==> flow/design.v <==
module u_scratch_n #(
    parameter D = 20,
    parameter DATA_W = 16,
    parameter ADDR_W = $clog2(D),
    parameter NBLK = DATA_W / 8
) (
    input clk_i,
    input clk_en,
    input [NBLK-1:0] in_byte_en,
    input [ADDR_W-1:0] in_wa,
    input [DATA_W-1:0] in_wdata,
    input [ADDR_W-1:0] in_ra,
    output [DATA_W-1:0] out_rdata
);
    reg [DATA_W-1:0] rf [0:D-1];
    integer idx;
    always @(posedge clk_i) begin
        for (idx = 0; idx < NBLK; idx = idx + 1)
            if (clk_en && in_byte_en[idx]) rf[in_wa][8*idx +: 8] <= in_wdata[8*idx +: 8];
    end
    assign out_rdata = rf[in_ra];
endmodule
==> Tool chain data of u_scratch_n <==
The steps from the RTL of u_scratch_n to its reports follow in flow order.
Lines are those of the file above, counted from 1.
Operators carry their Yosys type and port widths (W data, S select, Z words).
Library cell names are shortened.
{ "inputs": {"top": "u_scratch_n", "clk_port": "clk_i", "cell_library": "sky130hd", "pvt_corner": "tt_025C_1v80"} }

==> Word-level counts <==
Yosys after proc, flatten, opt, wreduce and memory -nomap, before mapping. Enables and synchronous resets that opt folds into registers are not counted as muxes. Memory bits, and registers merged into a memory's read port (data or address), are not among the register bits. Print and check cells are not counted. Equal cells are merged and count once.
Yosys's memory passes give these memory sizes; they may raise the number of words (mostly to a power of two), join words into wider ones and drop unused or constant bits.
{ "op_classes": {"mux": 4, "reduce_logical": 2} }
{ "ops": {"columns": ["cell", "count"], "rows": [
  ["$mux W16", 2],
  ["$logic_and A1 B1 Y1", 2],
  ["$mux W1", 2]
]} }
{ "word_totals": {"register_bits": 0, "ramBits": 320, "memories": 1, "elab_cells": 7} }
{ "memory_table": {"columns": ["name", "size", "word_bits", "read_ports", "write_ports", "line_no", "source"], "rows": [
  ["rf", 20, 16, 1, 1, 15, "reg [DATA_W-1:0] rf [0:D-1];"]
]} }

==> Longest topological paths <==
Longest topological path by Yosys (ltp), each cell counted once; first at word level (registers and memories cut), then after technology mapping (sequential cells cut; the memories' decode and read muxes count).
{ "logic_depth": {"word_depth": 2, "ABC_AREA": 0, "depth_mapped": 7} }

==> Synthesis result <==
Source: synth_stat.txt of the flow (Yosys; design flattened, memories mapped). It holds for the ABC_AREA given above (unset counts as 0); a run with the other value may have another netlist.
The area totals of this step are shown rounded.
{ "mapped": {"stdcells": 697, "area_mm2": 0.0126, "seq_area_mm2": 0.00961, "ffs": 320} }
{ "by_type": {"columns": ["type", "count", "area_total_um2"], "rows": [
  ["edfxtp_1", 320, 9.61E+03],
  ["mux2i_1", 101, 1010.97],
  ["mux4_2", 23, 517.997],
  ["nor2_1", 59, 221.462],
  ["nand2_1", 43, 161.405],
  ["mux2_2", 13, 146.39],
  ["a22oi_1", 17, 127.622],
  ["o22ai_1", 20, 125.12],
  ["nand4_1", 14, 87.584],
  ["nand3_1", 17, 85.082],
  ["a211oi_1", 11, 82.579],
  ["buf_4", 10, 75.072],
  ["nor2b_1", 8, 50.048],
  ["buf_2", 9, 45.043],
  ["buf_6", 4, 45.043],
  ["clkbuf_1", 11, 41.29],
  ["nor3_1", 5, 25.024],
  ["nand3b_1", 2, 15.014]
]} }
Other cell types: 9; their cells: 10.

==> Worst setup path after synthesis <==
Source: OpenSTA report_checks on the synthesized netlist (no wires, ideal clock, input and output delay 20% of the period each), path of least setup slack; recovery checks are left aside. Register names are those of the netlist, which keeps one name where synthesis merged equal registers.
{ "synth_path": {"path_type": "in2out", "startpoint": "in in_ra[1]", "endpoint": "out out_rdata[10]", "period_ns": 2.51, "input_delay_ns": 0.502, "output_delay_ns": 0.502, "t_first_pin_ns": 0.502, "t_arrival_ns": 1.705, "t_required_ns": 2.008, "slack_ns": 0.303, "path_delay_ns": 1.203, "stages": 7, "path_buffers": 3, "synth_period_reached_ns": 2.207} }
"path_delay_ns" is the arrival time less input delay plus setup time.
At an output port there is no setup time.
"stages": output pins that drive a net of the path, with the launching flip-flop's if there is one; two outputs of one cell count as two.
"synth_period_reached_ns" = period - worst setup slack (recovery checks aside). The figure is calculated, with input and output delays left at 20% of the set period.
Between the ends stands the longest chain of elaborated cells between them, by number of cells; it is not shown to be the way that was timed. Of several equally long chains one is given.
Each line given opens the expression or statement behind the cell; cells for indexed reads and writes are added by Yosys, which also makes memories of some case tables.
The chain passes a memory read, where the word-level depth is cut; so it can be longer than that depth.
{ "synth_via": {"cell_sequence": "buf_6 > or4b_4 > buf_6 > buf_6 > o22ai_1 > nor3_1 > nand2_1", "elab_chain_len": 1, "cells_between": 1, "classes_between": "1 x memory"} }
{ "synth_rtl": {"columns": ["item", "line_no", "source"], "rows": [
  ["start: declaration", 12, "input [ADDR_W-1:0] in_ra,"],
  ["$mem_v2 Z20 W16", 15, "reg [DATA_W-1:0] rf [0:D-1];"],
  ["end: declaration", 13, "output [DATA_W-1:0] out_rdata"]
]} }

==> Timing after layout <==
Path of least setup slack in the final report of flow run 1 (OpenROAD, finished layout, wires in). Where an end is a register, its clock arrival counts in the times.
{ "layout_path": {"path_type": "reg2out", "startpoint": "mem rf[15][11]", "endpoint": "out out_rdata[11]", "period_ns": 2.31, "output_delay_ns": 0.46, "t_first_pin_ns": 0.49, "t_arrival_ns": 1.97, "t_required_ns": 1.85, "slack_ns": -0.12, "stages": 6, "path_buffers": 1} }
Between the ends stands the longest chain of elaborated cells between them, by number of cells; it is not shown to be the way that was timed. Of several equally long chains one is given.
The chain passes a memory read, where the word-level depth is cut; so it can be longer than that depth.
{ "layout_via": {"cell_sequence": "edfxtp_1 > mux4_2 > nor2b_4 > nor3_2 > nand2_1 > buf_2", "elab_chain_len": 1, "cells_between": 1, "classes_between": "1 x memory"} }
{ "layout_rtl": {"columns": ["item", "line_no", "source"], "rows": [
  ["start: declaration", 15, "reg [DATA_W-1:0] rf [0:D-1];"],
  ["$mem_v2 Z20 W16", 15, null],
  ["end: declaration", 13, "output [DATA_W-1:0] out_rdata"]
]} }

Ticket comment

Measured data: module u_scratch_n, platform sky130hd, 3 stored runs of the flow under differing settings, order arbitrary. Input and output delays are each 20% of the period that was set; the output load is 0.01 pF.
"achieved_period_ns" means the clock period less the worst setup slack. The figure is calculated, with input and output delays left at 20% of the set period.
"timing.worst_path_ns" means the part of the period allowed to the worst setup path (the constraints hold back 20% at inputs and 20% at outputs) less its slack; where the path has registers, the arrival times of their clocks count too.
"power_w" is the tool's figure for a default switching activity; nothing was simulated.
Values from the reports are rounded here.
[
  {
    "run": "flow run 1",
    "settings": { "period_ns": 2.31, "CORE_UTILIZATION": 46, "SETUP_SLACK_MARGIN": -0.15, "PLACE_DENSITY_LB_ADDON": 0.13, "HOLD_SLACK_MARGIN": 0.08, "CELL_PAD_IN_SITES_GLOBAL_PLACEMENT": 3, "TNS_END_PERCENT": 90, "ABC_AREA": 0, "CTS_CLUSTER_SIZE": 64, "CAP_MARGIN": 20, "CORE_MARGIN": 2, "SLEW_MARGIN": 20 },
    "results": { "total_negative_slack_ns": -0.942, "stdcell_area_mm2": 0.0156, "power_w": 0.0124, "timing.worst_path_ns": 1.97, "timing.worst_path_kind": "reg2out", "achieved_period_ns": 2.427, "synth_chip_area_mm2": 0.0126, "finalUtil_pct": 58.0, "worstSetupSlack_ns": -0.117, "ws_hold_ns": 0.759, "design_die_area_mm2": 0.0286 }
  },
  {
    "run": "flow run 2",
    "settings": { "period_ns": 1.87, "CORE_UTILIZATION": 46, "SETUP_SLACK_MARGIN": 0.31, "PLACE_DENSITY_LB_ADDON": 0.03, "CORE_MARGIN": 8, "CELL_PAD_IN_SITES_DETAIL_PLACEMENT": 0, "GPL_TIMING_DRIVEN": 1, "CTS_CLUSTER_SIZE": 42, "MAX_ROUTING_LAYER": "met5", "CAP_MARGIN": 20, "SLEW_MARGIN": 20 },
    "results": { "total_negative_slack_ns": -6.44, "stdcell_area_mm2": 0.0161, "power_w": 0.0156, "timing.worst_path_ns": 1.97, "timing.worst_path_kind": "reg2out", "achieved_period_ns": 2.342, "synth_chip_area_mm2": 0.0126, "finalUtil_pct": 59.7, "worstSetupSlack_ns": -0.472, "ws_hold_ns": 0.654, "design_die_area_mm2": 0.0328 }
  },
  {
    "run": "flow run 3",
    "settings": { "period_ns": 2.51, "CAP_MARGIN": 20, "CORE_MARGIN": 2, "CORE_UTILIZATION": 40, "SLEW_MARGIN": 20 },
    "results": { "total_negative_slack_ns": -0.002, "stdcell_area_mm2": 0.0155, "power_w": 0.011, "timing.worst_path_ns": 2.01, "timing.worst_path_kind": "reg2out", "achieved_period_ns": 2.512, "synth_chip_area_mm2": 0.0126, "finalUtil_pct": 50.3, "worstSetupSlack_ns": -0.002, "ws_hold_ns": 0.759, "design_die_area_mm2": 0.0328 }
  }
]
